==> flow/design.v <==
module gen_cmp_unit (sys_clk, aresetn, i_op_a, i_op_b, o_is_gt);
    parameter WIDTH = 32;
    input sys_clk;
    input aresetn;
    input [WIDTH-1:0] i_op_a;
    input [WIDTH-1:0] i_op_b;
    output reg o_is_gt;
    always @(posedge sys_clk or negedge aresetn) begin
        if (~aresetn) begin
            o_is_gt <= 1'b0;
        end else begin
            o_is_gt <= (i_op_a > i_op_b);
        end
    end
endmodule
From RTL to reports: gen_cmp_unit
The steps from the RTL of gen_cmp_unit to its reports follow in flow order. Lines are those of the file above, counted from 1. Operators: Yosys type, input widths -> output width; for muxes data width and select width s. Not given: --

Top module: gen_cmp_unit. Clock: sys_clk. Cell library: sky130hd. Library corner: tt_025C_1v80.

After elaboration
Yosys after proc, flatten, opt, wreduce and memory -nomap, before mapping. Enables and synchronous resets that opt folds into registers are not counted as muxes. Memory bits, and registers merged into a memory's read port (data or address), are not among the register bits. Print and check cells are not counted. Equal cells are merged and count once.

The figure for latch bits is 0. For register bits the number is 1. Memories: 0. Under RAM bits stands 0. The figure for bits in read-only memories is 0. The figure for word-level cells is 2. The figure for bits of input ports is 66. For word width x clocked read ports the number is 0.

The figure for bitwise gates (word level) is 0. For reduce/logical cells the number is 0. Under multipliers stands 0. The figure for shift operators is 0. Multiplexer cells: 0. The figure for add/subtract/negate cells is 0. Order comparisons: 1. The entry for div/mod/pow operators reads 0. For equal/unequal tests the number is 0.

Operator list (count): $gt 32x32->1 (1).

Longest topological paths
Depth = most cells in a row (Yosys ltp): at word level without a register or memory, in the mapped netlist without a sequential cell, where the memories' decode and read muxes count.

The figure for word-level depth is 1. The figure for ABC_AREA is 0. The entry for mapped depth reads 7.

After synthesis
Source: synth_stat.txt of the flow (Yosys; design flattened, memories mapped). It holds for the ABC_AREA given above (unset counts as 0); a run with the other value may have another netlist. Totals and module areas in this step are rounded.

Under area of sequential cells stands 25.0 um^2. For mapped flip-flops the number is 1. Synthesis area: 830.8 um^2. For buffers the number is 0. The figure for standard cells after synthesis is 113.

Cell types (count): sky130_fd_sc_hd__ha_1 (32); sky130_fd_sc_hd__inv_1 (32); sky130_fd_sc_hd__a21oi_1 (13); sky130_fd_sc_hd__nand4_1 (5); sky130_fd_sc_hd__dfrtp_1 (1); sky130_fd_sc_hd__nand3_1 (5); sky130_fd_sc_hd__nand2_1 (6); sky130_fd_sc_hd__a221o_1 (2); sky130_fd_sc_hd__and4_1 (2); sky130_fd_sc_hd__a2111oi_2 (1); sky130_fd_sc_hd__a21boi_0 (2); sky130_fd_sc_hd__a21o_1 (2); sky130_fd_sc_hd__nor2_1 (3); sky130_fd_sc_hd__nor4bb_1 (1); sky130_fd_sc_hd__o211ai_1 (1); sky130_fd_sc_hd__o31ai_1 (1); sky130_fd_sc_hd__nor2b_1 (1); sky130_fd_sc_hd__nor4_1 (1).

Not listed: further types 2, cells in them 2.

Worst setup path after synthesis
OpenSTA on the mapped netlist: ideal clock, no wires. The path of least setup slack (recovery checks aside). Input and output delay are each 20% of the period. Register names are those of the netlist, which keeps one name where synthesis merged equal registers.

Path kind: input-to-reg. Start: input i_op_b[17]. End: register o_is_gt. The entry for period reads 2.2 ns. The figure for setup slack is 0.353 ns. For arrival the number is 1.717 ns. Under setup time stands 0.130 ns. For stages the number is 7. Under launch time at the first pin stands 0.440 ns. Under required time stands 2.070 ns. Path delay: 1.407 ns. The figure for path buffers is 0. The entry for synthesis period reached reads 1.847 ns.

"path delay" is the arrival time less input delay plus setup time. "stages" counts driving pins, that of a launching flip-flop among them; a cell with two outputs on the path counts twice. "synthesis period reached" = period - worst setup slack (recovery checks aside). The figure is calculated, with input and output delays left at 20% of the set period. The rows between start and end are the longest chain of elaborated cells between them; the timing report does not say that the signal goes this way. Where chains are equally long, one stands for them. Each line given opens the expression or statement behind the cell; cells for indexed reads and writes are added by Yosys, which also makes memories of some case tables.

Cells stage by stage: sky130_fd_sc_hd__inv_1 -> sky130_fd_sc_hd__ha_1 -> sky130_fd_sc_hd__a21oi_1 -> sky130_fd_sc_hd__o21ai_1 -> sky130_fd_sc_hd__a221o_1 -> sky130_fd_sc_hd__a2111oi_2 -> sky130_fd_sc_hd__a21oi_1. For length of the longest elaborated chain the number is 1. Under elaborated cells between the ends (all ways) stands 1. Those cells by class: compare (1).

RTL lines, path after synthesis: start, declared (line 6) `input [WIDTH-1:0] i_op_b;`; $gt 32x32->1 (line 12) `o_is_gt <= (i_op_a > i_op_b);`; end, assigned (line 10) `o_is_gt <= 1'b0;`; end, assigned (line 12); end, declared (line 7) `output reg o_is_gt;`.

Timing after layout
From the final timing report of entry A: the path of least setup slack in the routed layout; clock arrival at registers is part of the times.

Path kind: input-to-reg. Start: input i_op_b[17]. End: register o_is_gt. The figure for path buffers is 1. The entry for period reads 2.55 ns. The figure for setup slack is 0.10 ns. For arrival the number is 2.31 ns. Under required time stands 2.42 ns. For stages the number is 8. Under launch time at the first pin stands 0.51 ns. Under setup time stands 0.13 ns.

The rows between start and end are the longest chain of elaborated cells between them; the timing report does not say that the signal goes this way. Where chains are equally long, one stands for them.

Cells stage by stage: sky130_fd_sc_hd__clkdlybuf4s50_1 -> sky130_fd_sc_hd__inv_1 -> sky130_fd_sc_hd__ha_1 -> sky130_fd_sc_hd__a21oi_2 -> sky130_fd_sc_hd__o21ai_1 -> sky130_fd_sc_hd__a221o_1 -> sky130_fd_sc_hd__a2111oi_2 -> sky130_fd_sc_hd__a21oi_1. For length of the longest elaborated chain the number is 1. Under elaborated cells between the ends (all ways) stands 1. Those cells by class: compare (1).

RTL lines, path after layout: start, declared (line 6) `input [WIDTH-1:0] i_op_b;`; $gt 32x32->1 (line 12) `o_is_gt <= (i_op_a > i_op_b);`; end, assigned (line 10) `o_is_gt <= 1'b0;`; end, assigned (line 12); end, declared (line 7) `output reg o_is_gt;`.

==> runs of gen_cmp_unit <==
Measured data: module gen_cmp_unit, platform sky130hd, 3 stored runs of the flow under differing settings, order arbitrary. Input and output delays are each 20% of the period that was set; the output load is 0.01 pF. By "clock period reached" is meant the clock period of the run minus its worst setup slack. This is arithmetic on one report: input and output delays are still those of the set period (20% each). "time on the worst setup path": the worst setup path's part of the clock period (all of it between registers, 20% less for each end at a port) less its slack. A launch clock that arrives late makes it longer, a capture clock that arrives late makes it shorter. "total power of the final layout" rests on the timing tool's default activity at the inputs, not on a simulated workload. The results are shown rounded.

Entry A has these settings: period_ns 2.55; CORE_UTILIZATION 35; PLACE_DENSITY_LB_ADDON 0.19; CORE_ASPECT_RATIO 1.5; CORE_MARGIN 4; CELL_PAD_IN_SITES_GLOBAL_PLACEMENT 0; GPL_ROUTABILITY_DRIVEN 1; CTS_CLUSTER_DIAMETER 122; CAP_MARGIN 20; SLEW_MARGIN 20. The setup slack of the worst path is 0.105 ns. The setup TNS comes to 0.000 ns. For the total die area the run shows 3233 um^2. The area of the synthesized netlist comes to 830.8 um^2. The measured area of the standard cells in the finished layout is 1524 um^2. The measured time on the worst setup path is 1.94 ns. Worst setup path kind: input-to-reg. For the clock period reached the run shows 2.445 ns. For the total power of the final layout the run shows 232.7 uW. The utilization after routing reads 0.674.

Entry B has these settings: period_ns 2.2; CAP_MARGIN 20; CORE_MARGIN 2; CORE_UTILIZATION 40; SLEW_MARGIN 20. Outcome: did not finish, routing stopped with DPL-0033.

Entry C has these settings: period_ns 2.55; CORE_UTILIZATION 54; SETUP_SLACK_MARGIN 0.74; PLACE_DENSITY 0.36; CORE_MARGIN 5; CELL_PAD_IN_SITES_GLOBAL_PLACEMENT 3; CTS_CLUSTER_SIZE 91; CTS_CLUSTER_DIAMETER 75; CAP_MARGIN 5; SLEW_MARGIN 25; MAX_ROUTING_LAYER met5. Outcome: did not finish, placement stopped with GPL-0301.
